==> flow/design.v <==
module ex_compare_mod #(
  parameter W = 8
) (
  input wire core_clk,
  input wire rst_ni,
  input wire [W-1:0] da,
  input wire [W-1:0] db,
  output reg a_lt_b,
  output reg a_eq_b
);
  reg [W-1:0] da_reg;
  reg [W-1:0] db_reg;
  always @(posedge core_clk) begin
    if (!rst_ni) begin
      da_reg <= 0;
      db_reg <= 0;
    end else begin
      da_reg <= da;
      db_reg <= db;
    end
  end
  wire [W:0] r;
  assign r = {1'b0, da_reg} - {1'b0, db_reg};
  always @(posedge core_clk) begin
    if (!rst_ni) begin
      a_lt_b <= 1'b0;
      a_eq_b <= 1'b0;
    end else begin
      a_lt_b <= r[W];
      a_eq_b <= ~|r[W-1:0];
    end
  end
endmodule
======== Step by step through the tools: ex_compare_mod ========
The steps from the RTL of ex_compare_mod to its reports follow in flow order.
Lines are those of the file above, counted from 1.
Operators carry their Yosys type and port widths (W data, S select, Z words).
Library cell names are shortened.
A cell with n/a has no value.
set-up
  design top .............................. ex_compare_mod
  clock input ............................. core_clk
  library ................................. sky130hd
  library corner .......................... tt_025C_1v80

======== Word level ========
Source: Yosys, flattened and elaborated, memories not mapped. Widths are those after wreduce; folded enables and synchronous resets count as part of the registers. Registers that Yosys merges into a memory's read port (data or address) are not register bits. Print and check cells do not count. Equal cells are merged and count once.
operators by class
  eq/ne operators ......................... 0
  shift-type cells ........................ 0
  add/subtract/negate cells ............... 1
  div/mod/pow operators ................... 0
  $lt $le $gt $ge ......................... 0
  multipliers ............................. 0
  reductions and logical operators ........ 2
  mux-type cells .......................... 0
  bitwise operators ....................... 0
operators with widths
  cell              number
  $sub A8 B8 Y9     1
  $reduce_or A8 Y1  1
  $logic_not A1 Y1  1
bit counts
  output and inout port bits .............. 2
  register bits ........................... 18
  bits in latches ......................... 0
  bits in writable memories ............... 0
  bits in read-only memories .............. 0
  input bits .............................. 18
  word width x clocked read ports ......... 0
  memories ................................ 0

======== Logic depth ========
Yosys ltp: most cells in a row. Word level: on the elaborated netlist, between registers, memories and ports. Mapped: between sequential cells and ports; inverters and the memories' decode and read muxes count.
logic depth
  depth in word-level cells ............... 3
  ABC_AREA ................................ 1
  mapped depth ............................ 12
  depth with buffers taken out ............ 12

======== Mapped cells and area ========
The flow's flattened synthesis, as Yosys stat reports it; memories are mapped. The netlist is that of the ABC_AREA named above (0 if unset); the other value can give another one.
synthesis totals
  chip area (Yosys) ....................... 957.2 µm²
  area of sequential cells ................ 360.3 µm²
  flip-flop cells ......................... 18
  buffers ................................. 2
  cells in the netlist .................... 144
cell types
  type      number  area in all (µm²)
  dfxtp_1   18      360.346
  nand2_1   51      191.434
  inv_1     40      150.144
  ha_1      8       100.096
  nand3_1   7       35.034
  a21oi_1   4       20.019
  fa_1      1       20.019
  nor2_1    5       18.768
  nand4_1   2       12.512
  nand3_2   1       10.01
  buf_4     1       7.507
  inv_2     2       7.507
  nand3b_1  1       7.507
  nand2_2   1       6.256
  nor2_2    1       6.256
  clkbuf_1  1       3.754

======== Worst setup path after synthesis ========
Path of least setup slack by OpenSTA after synthesis, without wires, with an ideal clock, recovery checks aside; 20% of the period is set as input and as output delay. Where synthesis merged equal registers, the netlist keeps one of their names.
path post-synthesis
  path kind ............................... flip-flop to flip-flop
  start ................................... register da_reg[0]
  end ..................................... register a_eq_b
  driving pins on the path ................ 10
  setup time .............................. 0.062 ns
  data required time ...................... 2.158 ns
  data arrival time ....................... 1.448 ns
  clock period ............................ 2.22 ns
  time at the first pin ................... 0.000 ns
  path buffers ............................ 0
  path slack .............................. 0.710 ns
  delay of the path ....................... 1.510 ns
  synthesis period reached ................ 1.51 ns
"delay of the path" = arrival - input delay + setup time.
"driving pins on the path" counts driving pins, that of a launching flip-flop among them; a cell with two outputs on the path counts twice.
"synthesis period reached" = period - worst setup slack (recovery checks aside). The figure is calculated, with input and output delays left at 20% of the set period.
The rows between start and end are the longest chain of elaborated cells between them; the timing report does not say that the signal goes this way. Where chains are equally long, one stands for them.
Each line given opens the expression or statement behind the cell; cells for indexed reads and writes are added by Yosys, which also makes memories of some case tables.
between the ends, post-synthesis
  cells stage by stage .................... dfxtp_1 -> inv_1 -> ha_1 -> fa_1 -> nand3_1 -> a21oi_1 -> nand3_1 -> nor2_1 -> nand2_1 -> nor2_2
  cells in the longest elaborated chain ... 3
ends and longest elaborated chain, post-synthesis
  element           line  text
  from (decl)       11    reg [W-1:0] da_reg;
  from (assign)     15    da_reg <= 0;
  from (assign)     18    da_reg <= da;
  $sub A8 B8 Y9     23    assign r = {1'b0, da_reg} - {1'b0, db_reg};
  $reduce_or A8 Y1  30    a_eq_b <= ~|r[W-1:0];
  $logic_not A1 Y1  30
  to (assign)       27    a_eq_b <= 1'b0;
  to (assign)       30
  to (decl)         9     output reg a_eq_b

======== Worst path after layout ========
Path of least setup slack in the final report of job 2 (OpenROAD, finished layout, wires in). Where an end is a register, its clock arrival counts in the times.
path after layout
  path kind ............................... flip-flop to flip-flop
  start ................................... register da_reg[0]
  end ..................................... register a_eq_b
  driving pins on the path ................ 13
  path slack .............................. 0.95 ns
  path buffers ............................ 0
  time at the first pin ................... 0.29 ns
  setup time .............................. 0.05 ns
  clock period ............................ 2.77 ns
  data required time ...................... 3.01 ns
  data arrival time ....................... 2.06 ns
The rows between start and end are the longest chain of elaborated cells between them; the timing report does not say that the signal goes this way. Where chains are equally long, one stands for them.
between the ends, after layout
  cells stage by stage .................... dfxtp_1 -> inv_1 -> ha_1 -> fa_1 -> inv_1 -> nand2_1 -> nand2_1 -> nand2_1 -> nand2_1 -> nand2_1 -> nor2_1 -> nand2_1 -> nor2_2
  cells in the longest elaborated chain ... 3
ends and longest elaborated chain, after layout
  element           line  text
  from (decl)       11    reg [W-1:0] da_reg;
  from (assign)     15    da_reg <= 0;
  from (assign)     18    da_reg <= da;
  $sub A8 B8 Y9     23    assign r = {1'b0, da_reg} - {1'b0, db_reg};
  $reduce_or A8 Y1  30    a_eq_b <= ~|r[W-1:0];
  $logic_not A1 Y1  30
  to (assign)       27    a_eq_b <= 1'b0;
  to (assign)       30
  to (decl)         9     output reg a_eq_b

## Implementation results

Measured data: module ex_compare_mod, platform sky130hd, 3 stored runs of the flow under differing settings, order arbitrary. Input and output delays are each 20% of the period that was set; the output load is 0.01 pF.
By "achieved clock period (ns)" is meant the clock period of the run minus its worst setup slack. This is arithmetic on one report: input and output delays are still those of the set period (20% each).
"worst setup path time (ns)" is the time allowed to the run's worst setup path (the clock period less input and output delay, where it has them) less its slack. Clock arrival times count: a late capture clock shortens it, a late launch clock lengthens it.
By "finish__power__total" is meant OpenSTA's value without simulated activity: inputs other than the clock are taken to toggle once in ten clock periods, and the tool carries that through the logic.

Flow files of job 1
==> flow/run.sh <==
#!/bin/bash
# the make line also repeats the synthesis and layout settings of config.mk as NAME=value (left out here)
make -C /OpenROAD-flow-scripts/flow DESIGN_CONFIG=/design/flow/config.mk WORK_HOME=/design/flow/orfs CLKGATE_MAP_FILE= finish
==> flow/config.mk <==
export PLATFORM = sky130hd
export DESIGN_NAME = ex_compare_mod
export DESIGN_NICKNAME = ex_compare_mod
export VERILOG_FILES = /design/flow/design.v
export SDC_FILE = /design/flow/constraint.sdc
export NUM_CORES = 4
export LEC_CHECK = 0
export CAP_MARGIN = 20
export CELL_PAD_IN_SITES_GLOBAL_PLACEMENT = 2
export CORE_MARGIN = 2
export CORE_UTILIZATION = 63
export CTS_CLUSTER_DIAMETER = 394
export CTS_CLUSTER_SIZE = 47
export GPL_ROUTABILITY_DRIVEN = 0
export GPL_TIMING_DRIVEN = 0
export HOLD_SLACK_MARGIN = 0.04
export SETUP_SLACK_MARGIN = 0.55
export SLEW_MARGIN = 20
==> flow/constraint.sdc <==
create_clock -name core_clock -period 3.32 [get_ports {core_clk}]
set_input_delay 0.6640 -clock core_clock [delete_from_list [all_inputs] [get_ports {core_clk}]]
set_output_delay 0.6640 -clock core_clock [all_outputs]
set_load 0.01 [all_outputs]

report of job 1: did not finish, place, GPL-0301

Flow files of job 2
==> flow/run.sh <==
#!/bin/bash
# the make line also repeats the synthesis and layout settings of config.mk as NAME=value (left out here)
make -C /OpenROAD-flow-scripts/flow DESIGN_CONFIG=/design/flow/config.mk WORK_HOME=/design/flow/orfs CLKGATE_MAP_FILE= finish
==> flow/config.mk <==
export PLATFORM = sky130hd
export DESIGN_NAME = ex_compare_mod
export DESIGN_NICKNAME = ex_compare_mod
export VERILOG_FILES = /design/flow/design.v
export SDC_FILE = /design/flow/constraint.sdc
export NUM_CORES = 4
export LEC_CHECK = 0
export ABC_AREA = 1
export CAP_MARGIN = 20
export CELL_PAD_IN_SITES_DETAIL_PLACEMENT = 2
export CORE_MARGIN = 2
export CORE_UTILIZATION = 33
export CTS_CLUSTER_DIAMETER = 37
export GPL_TIMING_DRIVEN = 1
export MIN_ROUTING_LAYER = met2
export PLACE_DENSITY = 0.84
export SETUP_SLACK_MARGIN = 0.45
export SLEW_MARGIN = 0
==> flow/constraint.sdc <==
create_clock -name core_clock -period 2.77 [get_ports {core_clk}]
set_input_delay 0.5540 -clock core_clock [delete_from_list [all_inputs] [get_ports {core_clk}]]
set_output_delay 0.5540 -clock core_clock [all_outputs]
set_load 0.01 [all_outputs]

report of job 2
yosys chip area after synthesis (um^2): 957.2
finish__design__die__area: 3347.2
finish__design__instance__area__stdcell: 1204.9
finish__timing__setup__ws: 0.949
finish__timing__setup__tns: 0.000
finish__timing__hold__ws: 0.618
finish__power__total: 5.747e-04
achieved clock period (ns): 1.821
worst setup path time (ns): 1.82
worst setup path kind: flip-flop to flip-flop

Flow files of job 3
==> flow/run.sh <==
#!/bin/bash
# the make line also repeats the synthesis and layout settings of config.mk as NAME=value (left out here)
make -C /OpenROAD-flow-scripts/flow DESIGN_CONFIG=/design/flow/config.mk WORK_HOME=/design/flow/orfs CLKGATE_MAP_FILE= finish
==> flow/config.mk <==
export PLATFORM = sky130hd
export DESIGN_NAME = ex_compare_mod
export DESIGN_NICKNAME = ex_compare_mod
export VERILOG_FILES = /design/flow/design.v
export SDC_FILE = /design/flow/constraint.sdc
export NUM_CORES = 4
export LEC_CHECK = 0
export CAP_MARGIN = 20
export CORE_MARGIN = 2
export CORE_UTILIZATION = 40
export SLEW_MARGIN = 20
==> flow/constraint.sdc <==
create_clock -name core_clock -period 2.22 [get_ports {core_clk}]
set_input_delay 0.4440 -clock core_clock [delete_from_list [all_inputs] [get_ports {core_clk}]]
set_output_delay 0.4440 -clock core_clock [all_outputs]
set_load 0.01 [all_outputs]

report of job 3
yosys chip area after synthesis (um^2): 845.8
finish__design__die__area: 2498.5
finish__design__instance__area__stdcell: 1109.8
finish__timing__setup__ws: 0.324
finish__timing__setup__tns: 0.000
finish__timing__hold__ws: 0.661
finish__power__total: 6.960e-04
achieved clock period (ns): 1.896
worst setup path time (ns): 1.90
worst setup path kind: flip-flop to flip-flop
